==> flow/design.v <==
module diff_unit_v2 #(
  parameter DATA_W = 20
) (
  input  wire core_clk,
  input  wire [DATA_W-1:0] i_src1,
  input  wire i_dir,
  input  wire i_load,
  output wire [DATA_W-1:0] o_out
);
  reg [DATA_W-1:0] acc;
  always @(posedge core_clk) begin
    acc <= i_load ? i_src1 : i_dir ? acc - i_src1 : acc + i_src1;
  end
  assign o_out = acc;
endmodule
# Reports on diff_unit_v2
# Tool output for the design above, in the order of the flow.
# Line numbers count from 1 in the design file above.
# Library cell names are shortened.
# The mark - stands for no value.
[setup] top="diff_unit_v2" clock_port="core_clk" lib="sky130hd" lib_corner="tt_025C_1v80"

# Elaborated design
# Yosys after proc, flatten, opt, wreduce and memory -nomap, before mapping. Enables and synchronous resets that opt folds into registers are not counted as muxes. Memory bits, and registers merged into a memory's read port (data or address), are not among the register bits. Print and check cells are not counted. Equal cells are merged and count once.
[op_classes] add_sub_neg=2 mul=0 n_div=0 cmp=0 n_eq=0 n_shift=0 muxes=2 logic=0 reduce_and_logical=0
[op_table] cell="2-to-1 mux 20 bit" count=2
[op_table] cell="adder 20 bit" count=1
[op_table] cell="subtractor 20 bit" count=1
[word_totals] register_bits=20 latch_bits=0 mem_bits_rw=0 romBits=0 clocked_rd_ports_x_width=0 memories=0 output_inout_bits=20

# Depth
# Longest topological path by Yosys (ltp), each cell counted once; first at word level (registers and memories cut), then after technology mapping (sequential cells cut; the memories' decode and read muxes count).
[logic_depth] depth_word=3 ABC_AREA=0 depth_mapped=16

# After synthesis
# The flow's flattened synthesis, as Yosys stat reports it; memories are mapped. The netlist is that of the ABC_AREA named above (0 if unset); the other value can give another one.
# The area totals of this step are shown rounded.
[by_type] cell_type="dfxtp_1" count=20 type_area_um2=400.384
[by_type] cell_type="ha_1" count=20 type_area_um2=250.24
[by_type] cell_type="xnor2_1" count=27 type_area_um2=236.477
[by_type] cell_type="a21oi_1" count=26 type_area_um2=130.125
[by_type] cell_type="nand2_1" count=31 type_area_um2=116.362
[by_type] cell_type="nor2_1" count=25 type_area_um2=93.84
[by_type] cell_type="o21ai_0" count=18 type_area_um2=90.086
[by_type] cell_type="nor4_4" count=3 type_area_um2=63.811
[by_type] cell_type="a21o_1" count=6 type_area_um2=45.043
[by_type] cell_type="inv_1" count=11 type_area_um2=41.29
[by_type] cell_type="nor3_1" count=7 type_area_um2=35.034
[by_type] cell_type="a21oi_2" count=3 type_area_um2=26.275
[by_type] cell_type="xor2_1" count=3 type_area_um2=26.275
[by_type] cell_type="o21ai_1" count=5 type_area_um2=25.024
[by_type] cell_type="a211oi_1" count=3 type_area_um2=22.522
[by_type] cell_type="clkbuf_1" count=6 type_area_um2=22.522
[by_type] cell_type="o21bai_1" count=3 type_area_um2=22.522
[by_type] cell_type="o21bai_2" count=2 type_area_um2=22.522
# Other cell types: 35; their cells: 44.
[mapped] mapped_cells=263 synth_area_um2=2070 seq_area_um2=400 flip_flops=20 buf_cells=7

# Timing after synthesis
# OpenSTA on the mapped netlist: ideal clock, no wires. The path of least setup slack (recovery checks aside). Input and output delay are each 20% of the period. Register names are those of the netlist, which keeps one name where synthesis merged equal registers.
[synth_path] path_type="input port to flip-flop" start="in i_src1[0]" end="reg acc[18]" period_ps=3900 setup_ps=86 t_arrival_ps=3187 path_slack_ps=628 path_delay_ps=2493 path_stages=14 synth_period_reached_ps=3272
# "path_delay_ps" is the arrival time less input delay plus setup time.
# "path_stages" counts driving pins, that of a launching flip-flop among them; a cell with two outputs on the path counts twice.
# "synth_period_reached_ps" = period - worst setup slack (recovery checks aside). The figure is calculated, with input and output delays left at 20% of the set period.
# Between the ends stands the longest chain of elaborated cells between them, by number of cells; it is not shown to be the way that was timed. Of several equally long chains one is given.
# A line is the first line of the expression or statement that the cell stems from. Yosys adds cells for indexed reads and writes and turns some case tables into memories.
[synth_between] cell_sequence="inv_1 ha_1 nor3b_1 and2_1 a21oi_1 xnor2_1 ha_1 and3_4 nor2b_4 a41o_1 a21o_1 a221oi_2 a21oi_1 a211oi_1" elab_chain_cells=3
[synth_rtl] item="from (decl)" line=5 rtl="input  wire [DATA_W-1:0] i_src1,"
[synth_rtl] item="adder 20 bit" line=12 rtl="acc <= i_load ? i_src1 : i_dir ? acc - i_src1 : acc + i_src1;"
[synth_rtl] item="2-to-1 mux 20 bit (2 in a row)" line=12
[synth_rtl] item="to (assign)" line=12
[synth_rtl] item="to (decl)" line=10 rtl="reg [DATA_W-1:0] acc;"

# Path in the finished layout
# Path of least setup slack in the final report of run 1 (OpenROAD, finished layout, wires in). Where an end is a register, its clock arrival counts in the times.
# The path's times are printed in steps of 10 ps; the period is the one set.
[layout_path] path_type="input port to flip-flop" start="in i_src1[0]" end="reg acc[15]" period_ps=4620 setup_ps=140 t_arrival_ps=4190 path_slack_ps=610 path_stages=15
# Between the ends stands the longest chain of elaborated cells between them, by number of cells; it is not shown to be the way that was timed. Of several equally long chains one is given.
[layout_between] cell_sequence="clkdlybuf4s50_1 inv_1 ha_1 nor3b_1 and2_1 a21oi_1 xnor2_1 ha_1 a21oi_1 o21bai_1 a221o_1 a21oi_1 o21ai_1 xnor2_1 o21ai_1" elab_chain_cells=3
[layout_rtl] item="from (decl)" line=5 rtl="input  wire [DATA_W-1:0] i_src1,"
[layout_rtl] item="adder 20 bit" line=12 rtl="acc <= i_load ? i_src1 : i_dir ? acc - i_src1 : acc + i_src1;"
[layout_rtl] item="2-to-1 mux 20 bit (2 in a row)" line=12
[layout_rtl] item="to (assign)" line=12
[layout_rtl] item="to (decl)" line=10 rtl="reg [DATA_W-1:0] acc;"

## Implementation results

Module diff_unit_v2, platform sky130hd: 3 stored runs of the flow (Yosys, OpenROAD) with differing settings, in no particular order. Input and output delays are each 20% of the period that was set; the output load is 0.01 pF.
"achieved_clock_period_ps": clock period set for the run, less the worst setup slack. It is reckoned from that one timing run; input and output delays stay at 20% of the period that was set.
By "worst_path_ps" is meant the share of the clock period that the worst setup path is allowed (20% is reserved at inputs, 20% at outputs), minus its slack. Clock arrival times at its registers enter into it.
"total_power_mw" is the tool's figure for a default switching activity; nothing was simulated.
"worst_path_ps" is given in steps of 10 ps.
Values from the reports are rounded here.

[flow] run 1: files
==> flow/run.sh <==
#!/bin/bash
# the make line also repeats the synthesis and layout settings of config.mk as NAME=value (left out here)
make -C /OpenROAD-flow-scripts/flow DESIGN_CONFIG=/design/flow/config.mk WORK_HOME=/design/flow/orfs CLKGATE_MAP_FILE= finish
==> flow/config.mk <==
export PLATFORM = sky130hd
export DESIGN_NAME = diff_unit_v2
export DESIGN_NICKNAME = diff_unit_v2
export VERILOG_FILES = /design/flow/design.v
export SDC_FILE = /design/flow/constraint.sdc
export NUM_CORES = 4
export LEC_CHECK = 0
export CAP_MARGIN = 15
export CELL_PAD_IN_SITES_DETAIL_PLACEMENT = 0
export CELL_PAD_IN_SITES_GLOBAL_PLACEMENT = 0
export CORE_MARGIN = 2
export CORE_UTILIZATION = 64
export CTS_CLUSTER_SIZE = 69
export GPL_TIMING_DRIVEN = 1
export HOLD_SLACK_MARGIN = -0.04
export MAX_ROUTING_LAYER = met4
export PLACE_DENSITY_LB_ADDON = 0.02
export SLEW_MARGIN = 20
export TNS_END_PERCENT = 55
==> flow/constraint.sdc <==
create_clock -name core_clock -period 4.62 [get_ports {core_clk}]
set_input_delay 0.9240 -clock core_clock [delete_from_list [all_inputs] [get_ports {core_clk}]]
set_output_delay 0.9240 -clock core_clock [all_outputs]
set_load 0.01 [all_outputs]

[flow] run 1: metrics
[metrics] worst_setup_slack_ps = 608
[metrics] final_util_frac = 0.836
[metrics] hold_worst_slack_ps = 593
[metrics] total_power_mw = 1.49
[metrics] achieved_clock_period_ps = 4012
[metrics] yosys_chip_area_um2 = 2070
[metrics] design_die_area_um2 = 3700
[metrics] worst_path_ps = 3090
[metrics] worstPathKind = input port to flip-flop
[metrics] tns_ps = 0
[metrics] finalCellArea_um2 = 2550

[flow] run 2: files
==> flow/run.sh <==
#!/bin/bash
# the make line also repeats the synthesis and layout settings of config.mk as NAME=value (left out here)
make -C /OpenROAD-flow-scripts/flow DESIGN_CONFIG=/design/flow/config.mk WORK_HOME=/design/flow/orfs CLKGATE_MAP_FILE= finish
==> flow/config.mk <==
export PLATFORM = sky130hd
export DESIGN_NAME = diff_unit_v2
export DESIGN_NICKNAME = diff_unit_v2
export VERILOG_FILES = /design/flow/design.v
export SDC_FILE = /design/flow/constraint.sdc
export NUM_CORES = 4
export LEC_CHECK = 0
export CAP_MARGIN = 20
export CORE_MARGIN = 2
export CORE_UTILIZATION = 40
export SLEW_MARGIN = 20
==> flow/constraint.sdc <==
create_clock -name core_clock -period 3.9 [get_ports {core_clk}]
set_input_delay 0.7800 -clock core_clock [delete_from_list [all_inputs] [get_ports {core_clk}]]
set_output_delay 0.7800 -clock core_clock [all_outputs]
set_load 0.01 [all_outputs]

[flow] run 2: metrics
[metrics] worst_setup_slack_ps = 270
[metrics] final_util_frac = 0.56
[metrics] hold_worst_slack_ps = 618
[metrics] total_power_mw = 1.90
[metrics] achieved_clock_period_ps = 3630
[metrics] yosys_chip_area_um2 = 2070
[metrics] design_die_area_um2 = 5760
[metrics] worst_path_ps = 2850
[metrics] worstPathKind = input port to flip-flop
[metrics] tns_ps = 0
[metrics] finalCellArea_um2 = 2820

[flow] run 3: files
==> flow/run.sh <==
#!/bin/bash
# the make line also repeats the synthesis and layout settings of config.mk as NAME=value (left out here)
make -C /OpenROAD-flow-scripts/flow DESIGN_CONFIG=/design/flow/config.mk WORK_HOME=/design/flow/orfs CLKGATE_MAP_FILE= finish
==> flow/config.mk <==
export PLATFORM = sky130hd
export DESIGN_NAME = diff_unit_v2
export DESIGN_NICKNAME = diff_unit_v2
export VERILOG_FILES = /design/flow/design.v
export SDC_FILE = /design/flow/constraint.sdc
export NUM_CORES = 4
export LEC_CHECK = 0
export CAP_MARGIN = 20
export CELL_PAD_IN_SITES_DETAIL_PLACEMENT = 0
export CORE_ASPECT_RATIO = 1.48
export CORE_MARGIN = 4
export CORE_UTILIZATION = 23
export GPL_TIMING_DRIVEN = 0
export HOLD_SLACK_MARGIN = 0.18
export MIN_ROUTING_LAYER = met1
export PLACE_DENSITY = 0.72
export SETUP_SLACK_MARGIN = 0.61
export SLEW_MARGIN = 35
==> flow/constraint.sdc <==
create_clock -name core_clock -period 4.33 [get_ports {core_clk}]
set_input_delay 0.8660 -clock core_clock [delete_from_list [all_inputs] [get_ports {core_clk}]]
set_output_delay 0.8660 -clock core_clock [all_outputs]
set_load 0.01 [all_outputs]

[flow] run 3: metrics
[metrics] worst_setup_slack_ps = 760
[metrics] final_util_frac = 0.325
[metrics] hold_worst_slack_ps = 599
[metrics] total_power_mw = 1.82
[metrics] achieved_clock_period_ps = 3570
[metrics] yosys_chip_area_um2 = 2070
[metrics] design_die_area_um2 = 10600
[metrics] worst_path_ps = 2700
[metrics] worstPathKind = input port to flip-flop
[metrics] tns_ps = 0
[metrics] finalCellArea_um2 = 2810
